==> flow/design.v <==
module alu_mux_mod #(
  parameter XLEN = 12,
  parameter N = 48,
  parameter LG = $clog2(N)
) (
  input wire i_clk,
  input wire aresetn,
  input wire adv,
  input wire [N*XLEN-1:0] din,
  input wire [LG-1:0] sel,
  output reg [XLEN-1:0] result
);
  reg [N*XLEN-1:0] din_r;
  reg [LG-1:0] sel_r;
  wire [XLEN-1:0] opt [0:N-1];
  genvar gi;
  generate
    for (gi = 0; gi < N; gi = gi + 1) begin : gen
      assign opt[gi] = din_r[gi*XLEN +: XLEN];
    end
  endgenerate
  always @(posedge i_clk or negedge aresetn) begin
    if (!aresetn) begin
      din_r <= 0;
      sel_r <= 0;
      result <= 0;
    end else if (adv) begin
      din_r <= din;
      sel_r <= sel;
      result <= opt[sel_r];
    end
  end
endmodule
== From RTL to reports: alu_mux_mod ==
Tool output for the design above, in the order of the flow.
Lines are those of the file above, counted from 1.
Operators carry their Yosys type and port widths (W data, S select, Z words).
Cell names lack the library's common part.
A cell with -- has no value.

* Top module: alu_mux_mod
* Clock input: i_clk
* Cell library: sky130hd
* Corner: tt_025C_1v80

== After elaboration ==
Counts by Yosys on the flattened word-level netlist (proc, flatten, opt, wreduce). Print and check cells are left out. Cells with the same type and inputs are merged into one.

* Register bits after elaboration: 594
* Input port bits: 585
* Cells after elaboration: 52

* Equality and inequality tests: 47
* Multiplexer cells: 1
* Reductions and logical operators: 1

{| class="wikitable"
|+ Operators with widths
! kind !! number
|-
| $pmux W12 S48 || 1
|-
| $eq A6 B5 Y1 const B || 16
|-
| $eq A6 B6 Y1 const B || 16
|-
| $eq A6 B4 Y1 const B || 8
|-
| $eq A6 B3 Y1 const B || 4
|-
| $eq A6 B2 Y1 const B || 2
|-
| $eq A6 B1 Y1 const B || 1
|-
| $logic_not A6 Y1 || 1
|}

== Longest topological paths ==
Yosys ltp: most cells in a row. Word level: on the elaborated netlist, between registers, memories and ports. Mapped: between sequential cells and ports; inverters and the memories' decode and read muxes count.

* Depth after elaboration: 2
* ABC_AREA: 0
* Depth in mapped cells: 10
* Gate-level depth less buffers: 6

== After synthesis ==
The flow's flattened synthesis, as Yosys stat reports it; memories are mapped. The netlist is that of the ABC_AREA named above (0 if unset); the other value can give another one.
Totals and module areas in this step are rounded.

{| class="wikitable"
|+ Cells by type
! cell !! number !! area in all (sq um)
|-
| dfrtp_1 || 594 || 1.49E+04
|-
| mux2_2 || 584 || 6.58E+03
|-
| a22oi_1 || 148 || 1.11E+03
|-
| clkbuf_1 || 85 || 319.056
|-
| and3_1 || 41 || 256.496
|-
| mux2i_1 || 25 || 250.24
|-
| buf_6 || 19 || 213.955
|-
| a22o_1 || 24 || 210.202
|-
| nand4_1 || 32 || 200.192
|-
| a32oi_1 || 22 || 192.685
|-
| nand2_1 || 42 || 157.651
|-
| nor2_1 || 42 || 157.651
|-
| a221oi_1 || 15 || 131.376
|-
| nor4_1 || 18 || 112.608
|-
| nand3_1 || 22 || 110.106
|-
| a21oi_1 || 20 || 100.096
|-
| a2111oi_2 || 6 || 90.086
|-
| o21ai_0 || 18 || 90.086
|}

Not listed: further types 58, cells in them 166.

* Cell count: 1923
* Chip area (Yosys): 26500 sq um
* Area of sequential cells: 14900 sq um
* Mapped flip-flops: 594
* Buffers: 127

== Worst setup path after synthesis ==
OpenSTA on the mapped netlist: ideal clock, no wires. The path of least setup slack (recovery checks aside). Input and output delay are each 20% of the period. Register names are those of the netlist, which keeps one name where synthesis merged equal registers.

* Kind: register to register
* From: reg sel_r[5]
* To: reg result[11]
* Clock period: 2.49 ns
* Setup time: 0.128 ns
* Time at the first pin: 0.000 ns
* Arrival time: 1.862 ns
* Data required time: 2.362 ns
* Path slack: 0.500 ns
* Delay of the path: 1.990 ns
* Stages on the path: 10
* Period reached after synthesis: 1.99 ns

"delay of the path" is the arrival time less input delay plus setup time.
"stages on the path" counts driving pins, that of a launching flip-flop among them; a cell with two outputs on the path counts twice.
"period reached after synthesis" is the clock period less the worst setup slack; recovery checks do not enter. This is arithmetic on one report: input and output delays are still those of the set period (20% each).
Between the ends stands the longest chain of elaborated cells between them, by number of cells; it is not shown to be the way that was timed. Of several equally long chains one is given.
A line is the first line of the expression or statement that the cell stems from. Yosys adds cells for indexed reads and writes and turns some case tables into memories.

* Cells stage by stage: dfrtp_1 > buf_6 > buf_6 > buf_6 > and4bb_4 > and3_4 > a2111oi_4 > nand4_1 > nor4_1 > a21oi_1
* Length of the longest elaborated chain: 2
* Elaborated cells on any way between the ends: 49

{| class="wikitable"
|+ RTL lines, path post-synthesis
! what !! line !! RTL
|-
| start: declaration || 14 || <nowiki>reg [LG-1:0] sel_r;</nowiki>
|-
| start: assignment || 25 || <nowiki>sel_r <= 0;</nowiki>
|-
| start: assignment || 29 || <nowiki>sel_r <= sel;</nowiki>
|-
| $eq A6 B6 Y1 || 30 || <nowiki>result <= opt[sel_r];</nowiki>
|-
| $pmux W12 S48 || 30 ||
|-
| end: assignment || 26 || <nowiki>result <= 0;</nowiki>
|-
| end: assignment || 30 ||
|-
| end: declaration || 11 || <nowiki>output reg [XLEN-1:0] result</nowiki>
|}

== Path in the finished layout ==
Path of least setup slack in the final report of run 1 (OpenROAD, finished layout, wires in). Where an end is a register, its clock arrival counts in the times.

* Kind: register to register
* From: reg sel_r[1]
* To: reg result[11]
* Clock period: 2.49 ns
* Setup time: 0.12 ns
* Time at the first pin: 0.60 ns
* Arrival time: 3.01 ns
* Data required time: 2.97 ns
* Path slack: -0.05 ns
* Stages on the path: 9

Between the ends stands the longest chain of elaborated cells between them, by number of cells; it is not shown to be the way that was timed. Of several equally long chains one is given.

* Cells stage by stage: dfrtp_2 > buf_12 > buf_4 > and4b_4 > and3_1 > a2111oi_1 > nand4_1 > nor4_2 > a21oi_1
* Length of the longest elaborated chain: 2
* Elaborated cells on any way between the ends: 49

{| class="wikitable"
|+ RTL lines, path after layout
! what !! line !! RTL
|-
| start: declaration || 14 || <nowiki>reg [LG-1:0] sel_r;</nowiki>
|-
| start: assignment || 25 || <nowiki>sel_r <= 0;</nowiki>
|-
| start: assignment || 29 || <nowiki>sel_r <= sel;</nowiki>
|-
| $eq A6 B6 Y1 || 30 || <nowiki>result <= opt[sel_r];</nowiki>
|-
| $pmux W12 S48 || 30 ||
|-
| end: assignment || 26 || <nowiki>result <= 0;</nowiki>
|-
| end: assignment || 30 ||
|-
| end: declaration || 11 || <nowiki>output reg [XLEN-1:0] result</nowiki>
|}

Data sheet: physical implementation of alu_mux_mod

Module alu_mux_mod, platform sky130hd: 2 stored runs of the flow (Yosys, OpenROAD) with differing settings, in no particular order. Input and output delays are each 20% of the period that was set; the output load is 0.01 pF.
By "clock period reached" is meant the clock period of the run minus its worst setup slack. This is arithmetic on one report: input and output delays are still those of the set period (20% each).
"critical setup path time" is the time allowed to the run's worst setup path (the clock period less input and output delay, where it has them) less its slack. Clock arrival times count: a late capture clock shortens it, a late launch clock lengthens it.
By "total power of the final layout" is meant OpenSTA's value without simulated activity: inputs other than the clock are taken to toggle once in ten clock periods, and the tool carries that through the logic.
Values from the reports are rounded here.

=== Run 1 ===
{| class="wikitable"
! Setting !! Value
|-
| period_ns || 2.49
|-
| CAP_MARGIN || 20
|-
| CORE_MARGIN || 2
|-
| CORE_UTILIZATION || 40
|-
| SLEW_MARGIN || 20
|-
! Result !! Value
|-
| Std-cell area (final layout) || 38300 sq um
|-
| Smallest setup slack || -0.048 ns
|-
| Clock period reached || 2.538 ns
|-
| Netlist area reported by Yosys || 26500 sq um
|-
| Worst hold slack after layout || 0.308 ns
|-
| Total power of the final layout || 26100 µW
|-
| Critical setup path time || 2.54 ns
|-
| Critical path kind || register to register
|-
| Die outline area || 68400 sq um
|-
| Post-layout utilization || 58.3%
|-
| Setup total negative slack || -0.048 ns
|}

=== Run 2 ===
{| class="wikitable"
! Setting !! Value
|-
| period_ns || 2.84
|-
| CORE_UTILIZATION || 38
|-
| SETUP_SLACK_MARGIN || 0.76
|-
| HOLD_SLACK_MARGIN || 0.16
|-
| CORE_ASPECT_RATIO || 0.72
|-
| CORE_MARGIN || 10
|-
| CELL_PAD_IN_SITES_GLOBAL_PLACEMENT || 1
|-
| TNS_END_PERCENT || 10
|-
| GPL_ROUTABILITY_DRIVEN || 1
|-
| CTS_CLUSTER_DIAMETER || 285
|-
| SLEW_MARGIN || 5
|-
| MIN_ROUTING_LAYER || met2
|-
| CAP_MARGIN || 20
|-
! Result !! Value
|-
| Std-cell area (final layout) || 38000 sq um
|-
| Smallest setup slack || -0.080 ns
|-
| Clock period reached || 2.920 ns
|-
| Netlist area reported by Yosys || 26500 sq um
|-
| Worst hold slack after layout || 0.285 ns
|-
| Total power of the final layout || 22600 µW
|-
| Critical setup path time || 2.92 ns
|-
| Critical path kind || register to register
|-
| Die outline area || 80900 sq um
|-
| Post-layout utilization || 54.9%
|-
| Setup total negative slack || -0.080 ns
|}
